==> flow/design.v <==
module gen_multiplier_blk #(
  parameter int NBITS = 6
) (
  input  logic CLK,
  input  logic srst,
  input  logic [NBITS-1:0] in_A,
  input  logic [NBITS-1:0] in_B,
  output logic [2*NBITS-1:0] out_p
);
  logic [NBITS-1:0] A_q;
  logic [NBITS-1:0] B_q;
  always_ff @(posedge CLK or posedge srst) begin
    if (srst) begin
      A_q <= 0;
      B_q <= 0;
    end else begin
      A_q <= in_A;
      B_q <= in_B;
    end
  end
  wire [2*NBITS-1:0] lvl [0:NBITS];
  assign lvl[0] = 0;
  for (genvar k = 0; k < NBITS; k++) begin : u_g
    assign lvl[k+1] = lvl[k] + (B_q[k] ? {{NBITS{1'b0}}, A_q} << k : {2*NBITS{1'b0}});
  end
  assign out_p = lvl[NBITS];
endmodule
* From RTL to reports: gen_multiplier_blk
The steps from the RTL of gen_multiplier_blk to its reports follow in flow order. Lines are those of the file above, counted from 1. A cell with -- has no value.
Inputs: top module gen_multiplier_blk, clock CLK, library sky130hd, corner tt_025C_1v80

* Word level
Yosys after proc, flatten, opt, wreduce and memory -nomap, before mapping. Enables and synchronous resets that opt folds into registers are not counted as muxes. Memory bits, and registers merged into a memory's read port (data or address), are not among the register bits. Print and check cells are not counted. Equal cells are merged and count once.
Word-level totals: word-level cells 13, output and inout port bits 12, flip-flop bits (word level) 12, bits of input ports 14
Operators by class: mux-type cells 6, add/sub/neg operators 5
Operators with widths (number):
- 11-bit by 11-bit adder with 12-bit output | 1
- 10-bit by 10-bit adder with 11-bit output | 1
- 11-bit 2-to-1 mux | 1
- 9-bit by 9-bit adder with 10-bit output | 1
- 10-bit 2-to-1 mux | 1
- 8-bit by 8-bit adder with 9-bit output | 1
- 9-bit 2-to-1 mux | 1
- 6-bit by 7-bit adder with 8-bit output | 1
- 8-bit 2-to-1 mux | 1
- 7-bit 2-to-1 mux | 1
- 6-bit 2-to-1 mux | 1

* Depth
Longest topological path by Yosys (ltp), each cell counted once; first at word level (registers and memories cut), then after technology mapping (sequential cells cut; the memories' decode and read muxes count).
Logic depth: word-level depth 6, ABC_AREA 0, depth in mapped cells 14, gate-level depth less buffers 14

* Netlist
Source: synth_stat.txt of the flow (Yosys; design flattened, memories mapped). It holds for the ABC_AREA given above (unset counts as 0); a run with the other value may have another netlist.
Mapped netlist: buffer cells 0, cells in the netlist 135, area of sequential cells 300.3 um^2, flip-flops 12, chip area (Yosys) 1362.6 um^2
Cells by type:
- sky130_fd_sc_hd__fa_1 | number 18, area in all 360.346 um^2
- sky130_fd_sc_hd__dfrtp_1 | number 12, area in all 300.288 um^2
- sky130_fd_sc_hd__ha_1 | number 18, area in all 225.216 um^2
- sky130_fd_sc_hd__and2_1 | number 26, area in all 162.656 um^2
- sky130_fd_sc_hd__inv_1 | number 24, area in all 90.086 um^2
- sky130_fd_sc_hd__nand2_1 | number 12, area in all 45.043 um^2
- sky130_fd_sc_hd__xnor2_1 | number 3, area in all 26.275 um^2
- sky130_fd_sc_hd__nor2b_1 | number 4, area in all 25.024 um^2
- sky130_fd_sc_hd__nor2_1 | number 6, area in all 22.522 um^2
- sky130_fd_sc_hd__a21oi_1 | number 3, area in all 15.014 um^2
- sky130_fd_sc_hd__a311oi_2 | number 1, area in all 15.014 um^2
- sky130_fd_sc_hd__nor2b_4 | number 1, area in all 13.763 um^2
- sky130_fd_sc_hd__a21boi_2 | number 1, area in all 11.261 um^2
- sky130_fd_sc_hd__or4b_1 | number 1, area in all 10.01 um^2
- sky130_fd_sc_hd__a221oi_1 | number 1, area in all 8.758 um^2
- sky130_fd_sc_hd__nor2b_2 | number 1, area in all 8.758 um^2
- sky130_fd_sc_hd__o21ai_2 | number 1, area in all 8.758 um^2
- sky130_fd_sc_hd__xor2_1 | number 1, area in all 8.758 um^2
- sky130_fd_sc_hd__nand3_1 | number 1, area in all 5.005 um^2

* Worst setup path after synthesis
Source: OpenSTA report_checks on the synthesized netlist (no wires, ideal clock, input and output delay 20% of the period each), path of least setup slack; recovery checks are left aside. Register names are those of the netlist, which keeps one name where synthesis merged equal registers.
Timing post-synthesis: path kind reg2out, start register A_q[5], end output out_p[10], slack 858 ps, required time 4288 ps, stages on the path 13, output delay 1072 ps, period 5360 ps, arrival time 3430 ps, path delay 3430 ps, launch time at the first pin 0 ps, path buffers 0, synthesis period reached 4502 ps
"path delay" = arrival - input delay + setup time. A path that ends at an output port has no setup time. "stages on the path": output pins that drive a net of the path, with the launching flip-flop's if there is one; two outputs of one cell count as two. "synthesis period reached" = period - worst setup slack (recovery checks aside). The figure is calculated, with input and output delays left at 20% of the set period. Between the ends stands the longest chain of elaborated cells between them, by number of cells; it is not shown to be the way that was timed. Of several equally long chains one is given. A line is the first line of the expression or statement that the cell stems from. Yosys adds cells for indexed reads and writes and turns some case tables into memories.
On the way, post-synthesis: cell sequence sky130_fd_sc_hd__dfrtp_1 sky130_fd_sc_hd__and2_1 sky130_fd_sc_hd__fa_1 sky130_fd_sc_hd__fa_1 sky130_fd_sc_hd__inv_1 sky130_fd_sc_hd__fa_1 sky130_fd_sc_hd__inv_1 sky130_fd_sc_hd__ha_1 sky130_fd_sc_hd__nor2b_4 sky130_fd_sc_hd__o21ai_2 sky130_fd_sc_hd__a21boi_2 sky130_fd_sc_hd__or4b_1 sky130_fd_sc_hd__nand3_1, length of the longest elaborated chain 6, elaborated cells between the ends (all ways) 11, RTL lines with such cells 1, classes of those cells 5 x add/sub; 6 x mux
Ends and longest elaborated chain, post-synthesis:
- from (decl) | line 10 | logic [NBITS-1:0] A_q;
- from (assign) | line 14 | A_q <= 0;
- from (assign) | line 17 | A_q <= in_A;
- 6-bit 2-to-1 mux | line 24 | assign lvl[k+1] = lvl[k] + (B_q[k] ? {{NBITS{1'b0}}, A_q} << k : {2*NBITS{1'b0}});
- 6-bit by 7-bit adder with 8-bit output | line 24
- 8-bit by 8-bit adder with 9-bit output | line 24
- 9-bit by 9-bit adder with 10-bit output | line 24
- 10-bit by 10-bit adder with 11-bit output | line 24
- 11-bit by 11-bit adder with 12-bit output | line 24
- to (decl) | line 8 | output logic [2*NBITS-1:0] out_p

* Path in the finished layout
From the final timing report of stored run 1: the path of least setup slack in the routed layout; clock arrival at registers is part of the times. The report prints the path's times to 10 ps; the period is as set.
Timing post-layout: path kind reg2out, start register A_q[4], end output out_p[9], stages on the path 12, launch time at the first pin 270 ps, output delay 590 ps, slack -1340 ps, path buffers 2, required time 2380 ps, arrival time 3720 ps, period 2970 ps
Between the ends stands the longest chain of elaborated cells between them, by number of cells; it is not shown to be the way that was timed. Of several equally long chains one is given.
On the way, post-layout: cell sequence sky130_fd_sc_hd__dfrtp_1 sky130_fd_sc_hd__and2_4 sky130_fd_sc_hd__fa_1 sky130_fd_sc_hd__fa_1 sky130_fd_sc_hd__fa_2 sky130_fd_sc_hd__ha_1 sky130_fd_sc_hd__a21oi_2 sky130_fd_sc_hd__nor2b_4 sky130_fd_sc_hd__a311oi_4 sky130_fd_sc_hd__buf_4 sky130_fd_sc_hd__xnor2_1 sky130_fd_sc_hd__buf_2, length of the longest elaborated chain 6, elaborated cells between the ends (all ways) 11, RTL lines with such cells 1, classes of those cells 5 x add/sub; 6 x mux
Ends and longest elaborated chain, post-layout:
- from (decl) | line 10 | logic [NBITS-1:0] A_q;
- from (assign) | line 14 | A_q <= 0;
- from (assign) | line 17 | A_q <= in_A;
- 6-bit 2-to-1 mux | line 24 | assign lvl[k+1] = lvl[k] + (B_q[k] ? {{NBITS{1'b0}}, A_q} << k : {2*NBITS{1'b0}});
- 6-bit by 7-bit adder with 8-bit output | line 24
- 8-bit by 8-bit adder with 9-bit output | line 24
- 9-bit by 9-bit adder with 10-bit output | line 24
- 10-bit by 10-bit adder with 11-bit output | line 24
- 11-bit by 11-bit adder with 12-bit output | line 24
- to (decl) | line 8 | output logic [2*NBITS-1:0] out_p

Data sheet: physical implementation of gen_multiplier_blk

Top module gen_multiplier_blk; platform sky130hd; tools Yosys and OpenROAD; 3 stored runs in no particular order. Input and output delays are each 20% of the period that was set; the output load is 0.01 pF.
"clock period achieved" = clock period - worst setup slack. The figure is calculated, with input and output delays left at 20% of the set period.
"time used up by the worst setup path" is the time allowed to the run's worst setup path (the clock period less input and output delay, where it has them) less its slack. Clock arrival times count: a late capture clock shortens it, a late launch clock lengthens it.
"total power of the final layout": no workload was simulated; the value follows from the tool's default switching activity.
"time used up by the worst setup path" is given in steps of 10 ps.

* Stored run 1 | settings: period_ns 2.97; CORE_UTILIZATION 55; PLACE_DENSITY_LB_ADDON 0.1; CORE_ASPECT_RATIO 0.8; CELL_PAD_IN_SITES_GLOBAL_PLACEMENT 1; TNS_END_PERCENT 20; GPL_ROUTABILITY_DRIVEN 0; CTS_CLUSTER_DIAMETER 208; CAP_MARGIN 35; MIN_ROUTING_LAYER met2; CORE_MARGIN 2; SLEW_MARGIN 20 | results: die area 2894.2 um^2; clock period achieved 4315 ps; standard-cell area after layout 2004.4 um^2; chip area in the Yosys report 1362.6 um^2; total power of the final layout 1002 µW; final utilization 83.4%; post-route setup TNS -8095 ps; time used up by the worst setup path 3720 ps; type of the worst setup path reg2out; smallest setup slack -1345 ps
* Stored run 2 | settings: period_ns 5.36; CAP_MARGIN 20; CORE_MARGIN 2; CORE_UTILIZATION 40; SLEW_MARGIN 20 | results: smallest setup slack 250 ps; post-route setup TNS 0 ps; clock period achieved 5110 ps; die area 3889.4 um^2; chip area in the Yosys report 1362.6 um^2; standard-cell area after layout 1747.9 um^2; final utilization 52.8%; time used up by the worst setup path 4040 ps; type of the worst setup path reg2out; total power of the final layout 460.1 µW
* Stored run 3 | settings: period_ns 4.95; CORE_UTILIZATION 65; SETUP_SLACK_MARGIN 0.71; PLACE_DENSITY_LB_ADDON 0.19; HOLD_SLACK_MARGIN 0.19; CORE_MARGIN 5; GPL_ROUTABILITY_DRIVEN 0; MIN_ROUTING_LAYER met1; CAP_MARGIN 20; SLEW_MARGIN 20 | no final report: routing broke off with DPL-0038
